==> flow/design.v <==
module dp_reg_file #(
   parameter integer ENTRIES = 16,
   parameter integer DATA_WIDTH = 20,
   parameter integer NUM_RD = 4,
   parameter integer NW = 1,
   parameter integer ADDR_WIDTH = $clog2(ENTRIES)
) (
   input  core_clk,
   input  clr,
   input  [NW-1:0] in_we,
   input  [NW*ADDR_WIDTH-1:0] in_wr_idx,
   input  [NW*DATA_WIDTH-1:0] in_write_data,
   input  [NUM_RD*ADDR_WIDTH-1:0] in_ra,
   output [NUM_RD*DATA_WIDTH-1:0] out_q
);
   reg [NW-1:0] we_q;
   reg [NW*ADDR_WIDTH-1:0] wr_idx_q;
   reg [NW*DATA_WIDTH-1:0] write_data_q;
   reg [DATA_WIDTH-1:0] array [ENTRIES-1:0];
   integer idx;
   always @(posedge core_clk) begin
      for (idx = 0; idx < NW; idx = idx + 1)
         if (we_q[idx]) array[wr_idx_q[idx*ADDR_WIDTH +: ADDR_WIDTH]] <= write_data_q[idx*DATA_WIDTH +: DATA_WIDTH];
   end
   reg [NUM_RD*ADDR_WIDTH-1:0] ra_q;
   wire [NUM_RD*DATA_WIDTH-1:0] t;
   genvar gj;
   generate
      for (gj = 0; gj < NUM_RD; gj = gj + 1) begin : lane
         assign t[gj*DATA_WIDTH +: DATA_WIDTH] = array[ra_q[gj*ADDR_WIDTH +: ADDR_WIDTH]];
      end
   endgenerate
   assign out_q = t;
   always @(posedge core_clk or posedge clr) begin
      if (clr) begin
         we_q <= 0;
         wr_idx_q <= 0;
         write_data_q <= 0;
         ra_q <= 0;
      end else begin
         we_q <= in_we;
         wr_idx_q <= in_wr_idx;
         write_data_q <= in_write_data;
         ra_q <= in_ra;
      end
   end
endmodule
; ---- Tool chain data of dp_reg_file
; Module dp_reg_file in several versions that differ in "NW"; each step lists the members.
; The RTL above is that of NW 1; lines are counted from 1 in the file of the member named.
; Library cell names are shortened.
; A cell with n/a has no value.
[inputs]
top_module = dp_reg_file
clk_port = core_clk
cell_library = sky130hd
corner = tt_025C_1v80

; ---- Source of the members
; New or changed lines of each further member against the RTL above, in its own file; lines it lacks are not shown.
[src_changes]
columns = NW, line
row1 = 4, 5  ; parameter integer NW = 4,
row2 = 5, 5  ; parameter integer NW = 5,

; ---- Word level
; Yosys after proc, flatten, opt, wreduce and memory -nomap, before mapping. Enables and synchronous resets that opt folds into registers are not counted as muxes. Memory bits, and registers merged into a memory's read port (data or address), are not among the register bits. Print and check cells are not counted. Equal cells are merged and count once.
; Yosys's memory passes give these memory sizes; they may raise the number of words (mostly to a power of two), join words into wider ones and drop unused or constant bits.
[word_totals]
columns = NW, ramBits, memories, register_bits, output_inout_bits
row1 = 1, 320, 1, 41, 80
row2 = 4, 320, 1, 116, 80
row3 = 5, 320, 1, 141, 80
[mem_list]
columns = NW, memory_list
row1 = 1, array 16x20 r4 w1
row2 = 4, array 16x20 r4 w4
row3 = 5, array 16x20 r4 w5
[op_classes]
columns = NW, n_mux
row1 = 1, 3
row2 = 4, 12
row3 = 5, 15
[ops]
columns = NW, operators
row1 = 1, 20-bit two-way mux (1); 4-bit two-way mux (1); 1-bit two-way mux (1)
row2 = 4, 20-bit two-way mux (4); 4-bit two-way mux (4); 1-bit two-way mux (4)
row3 = 5, 20-bit two-way mux (5); 4-bit two-way mux (5); 1-bit two-way mux (5)

; ---- Longest topological paths
; Yosys ltp: most cells in a row. Word level: on the elaborated netlist, between registers, memories and ports. Mapped: between sequential cells and ports; inverters and the memories' decode and read muxes count.
[depth]
columns = NW, depth_word, abc_area, depth_mapped, mapped_depth_nobuf
row1 = 1, 1, 0, 5, 3
row2 = 4, 1, 0, 7, 4
row3 = 5, 1, 0, 7, 4

; ---- Netlist
; Yosys stat after the flow's synthesis: flattened, memories mapped to cells. It holds for the ABC_AREA given above (unset counts as 0); a run with the other value may have another netlist.
[types]
columns = NW, cell_types
row1 = 1, edfxtp_1 (320); mux4_2 (256); mux4_1 (64); a22oi_1 (160); dfrtp_1 (41); nand2_1 (81); clkbuf_1 (64); buf_6 (20); buf_4 (16); nor2_1 (16); nor2b_1 (8); and2_1 (4); buf_2 (4); nor3_1 (4); nand3b_1 (2); nand2b_1 (2); or3b_2 (1); nand3_1 (1); inv_1 (1)
row2 = 4, edfxtp_1 (320); mux4_2 (320); dfrtp_1 (116); a221oi_1 (287); o31ai_1 (277); nand2_1 (423); a22oi_1 (160); nor2_1 (303); clkbuf_1 (288); buf_2 (86); o21ai_0 (59); nor2b_1 (32); a21oi_1 (36); buf_4 (20); o22ai_1 (24); and2_1 (22); nand3_1 (27); buf_1 (30); [+128]
row3 = 5, edfxtp_1 (320); mux4_2 (320); dfrtp_1 (141); a22oi_1 (401); a221oi_1 (230); o31ai_1 (227); clkbuf_1 (360); nor2_1 (265); nand2_1 (218); a221o_1 (80); a311oi_1 (79); o21ai_0 (103); buf_2 (98); nor3_1 (81); buf_1 (63); nor2b_1 (34); and2_1 (25); a221oi_2 (10); [+143]
; A list marked [+n] leaves out that many cells.
[mapped]
columns = NW, synth_area_um2, stdcells, seq_area_um2, ffs
row1 = 1, 20393.3, 1065, 10635.2, 361
row2 = 4, 32100.8, 2958, 12512.0, 436
row3 = 5, 35049.9, 3198, 13137.6, 461

; ---- Path before layout
; Source: OpenSTA report_checks on the synthesized netlist (no wires, ideal clock, input and output delay 20% of the period each), path of least setup slack; recovery checks are left aside. Register names are those of the netlist, which keeps one name where synthesis merged equal registers.
[synth_timing]
columns = NW, path_kind, start, end, period_ps, slack_ps, path_delay_ps, path_stages, period_less_setup_slack_ps
row1 = 1, reg2reg, reg wr_idx_q[2], mem array[0][0], 3390, 675, 2714, 3, 2715
row2 = 4, reg2reg, reg wr_idx_q[14], mem array[1][0], 2890, 577, 2313, 6, 2313
row3 = 5, reg2reg, reg wr_idx_q[19], mem array[11][0], 2900, 579, 2321, 7, 2321
; "path_delay_ps" is the arrival time less input delay plus setup time.
; "path_stages": output pins that drive a net of the path, with the launching flip-flop's if there is one; two outputs of one cell count as two.
; "period_less_setup_slack_ps" is the clock period less the worst setup slack; recovery checks do not enter. This is arithmetic on one report: input and output delays are still those of the set period (20% each).
; Between the ends stands the longest chain of elaborated cells between them, by number of cells; it is not shown to be the way that was timed. Of several equally long chains one is given.
; Each line given opens the expression or statement behind the cell; cells for indexed reads and writes are added by Yosys, which also makes memories of some case tables.
[synth_between_NW_1]
elab_chain_cells = 1
[synth_rtl_NW_1]
columns = item, line
row1 = "start, declared", 17  ; reg [NW*ADDR_WIDTH-1:0] wr_idx_q;
row2 = "start, assigned", 37  ; wr_idx_q <= 0;
row3 = "start, assigned", 42  ; wr_idx_q <= in_wr_idx;
row4 = 4-bit two-way mux, 23  ; if (we_q[idx]) array[wr_idx_q[idx*ADDR_WIDTH +: ADDR_WIDTH]] <= write_data_q[idx*DATA_WIDTH +: DATA_WIDTH];
row5 = "end, declared", 19  ; reg [DATA_WIDTH-1:0] array [ENTRIES-1:0];
[synth_between_NW_5]
elab_chain_cells = 1
[synth_rtl_NW_5]
columns = item, line
row1 = "start, declared", 17  ; reg [NW*ADDR_WIDTH-1:0] wr_idx_q;
row2 = "start, assigned", 37  ; wr_idx_q <= 0;
row3 = "start, assigned", 42  ; wr_idx_q <= in_wr_idx;
row4 = 4-bit two-way mux, 23  ; if (we_q[idx]) array[wr_idx_q[idx*ADDR_WIDTH +: ADDR_WIDTH]] <= write_data_q[idx*DATA_WIDTH +: DATA_WIDTH];
row5 = "end, declared", 19  ; reg [DATA_WIDTH-1:0] array [ENTRIES-1:0];

; ---- Timing after layout
; From the final timing report of the run of each member: the path of least setup slack in the routed layout; clock arrival at registers is part of the times.
; The path's times are printed in steps of 10 ps; the period is the one set.
[layout_timing]
columns = NW, path_kind, start, end, slack_ps, period_ps, path_buffers, t_arrival_ps, path_stages
row1 = 1, reg2out, reg ra_q[4], out out_q[35], 30, 3390, 4, 2690, 8
row2 = 4, reg2out, reg ra_q[12], out out_q[76], -320, 2890, 4, 2640, 8
row3 = 5, reg2out, reg ra_q[8], out out_q[41], -220, 2900, 4, 2540, 8

; ---- Measured runs
; One run of the flow (Yosys, OpenROAD) for each member, with settings and measured results. Input and output delays are each 20% of the period that was set; the output load is 0.01 pF.
[settings]
CAP_MARGIN = 20
CORE_MARGIN = 2
CORE_UTILIZATION = 40
SLEW_MARGIN = 20
[settings_diff]
columns = NW, period_ns
row1 = 1, 3.39
row2 = 4, 2.89
row3 = 5, 2.9
[results]
columns = NW, final_cell_area_um2, timing.achieved_period_ps, total_negative_slack_ps, die_area_um2, timing.hold.ws_ps, setup_ws_ps, synth_area_um2, power.total_w, fin_util_frac
row1 = 1, 25389.4, 3364, 0, 52805.7, 534, 26, 20393.3, 0.011345, 0.505
row2 = 4, 39999.6, 3214, -11380, 82532.7, 389, -324, 32100.8, 0.019335, 0.505
row3 = 5, 44747.9, 3120, -9781, 90009.0, 368, -220, 35049.9, 0.021297, 0.516
; By "timing.achieved_period_ps" is meant the clock period of the run minus its worst setup slack. This is arithmetic on one report: input and output delays are still those of the set period (20% each).
; "power.total_w" rests on the timing tool's default activity at the inputs, not on a simulated workload.
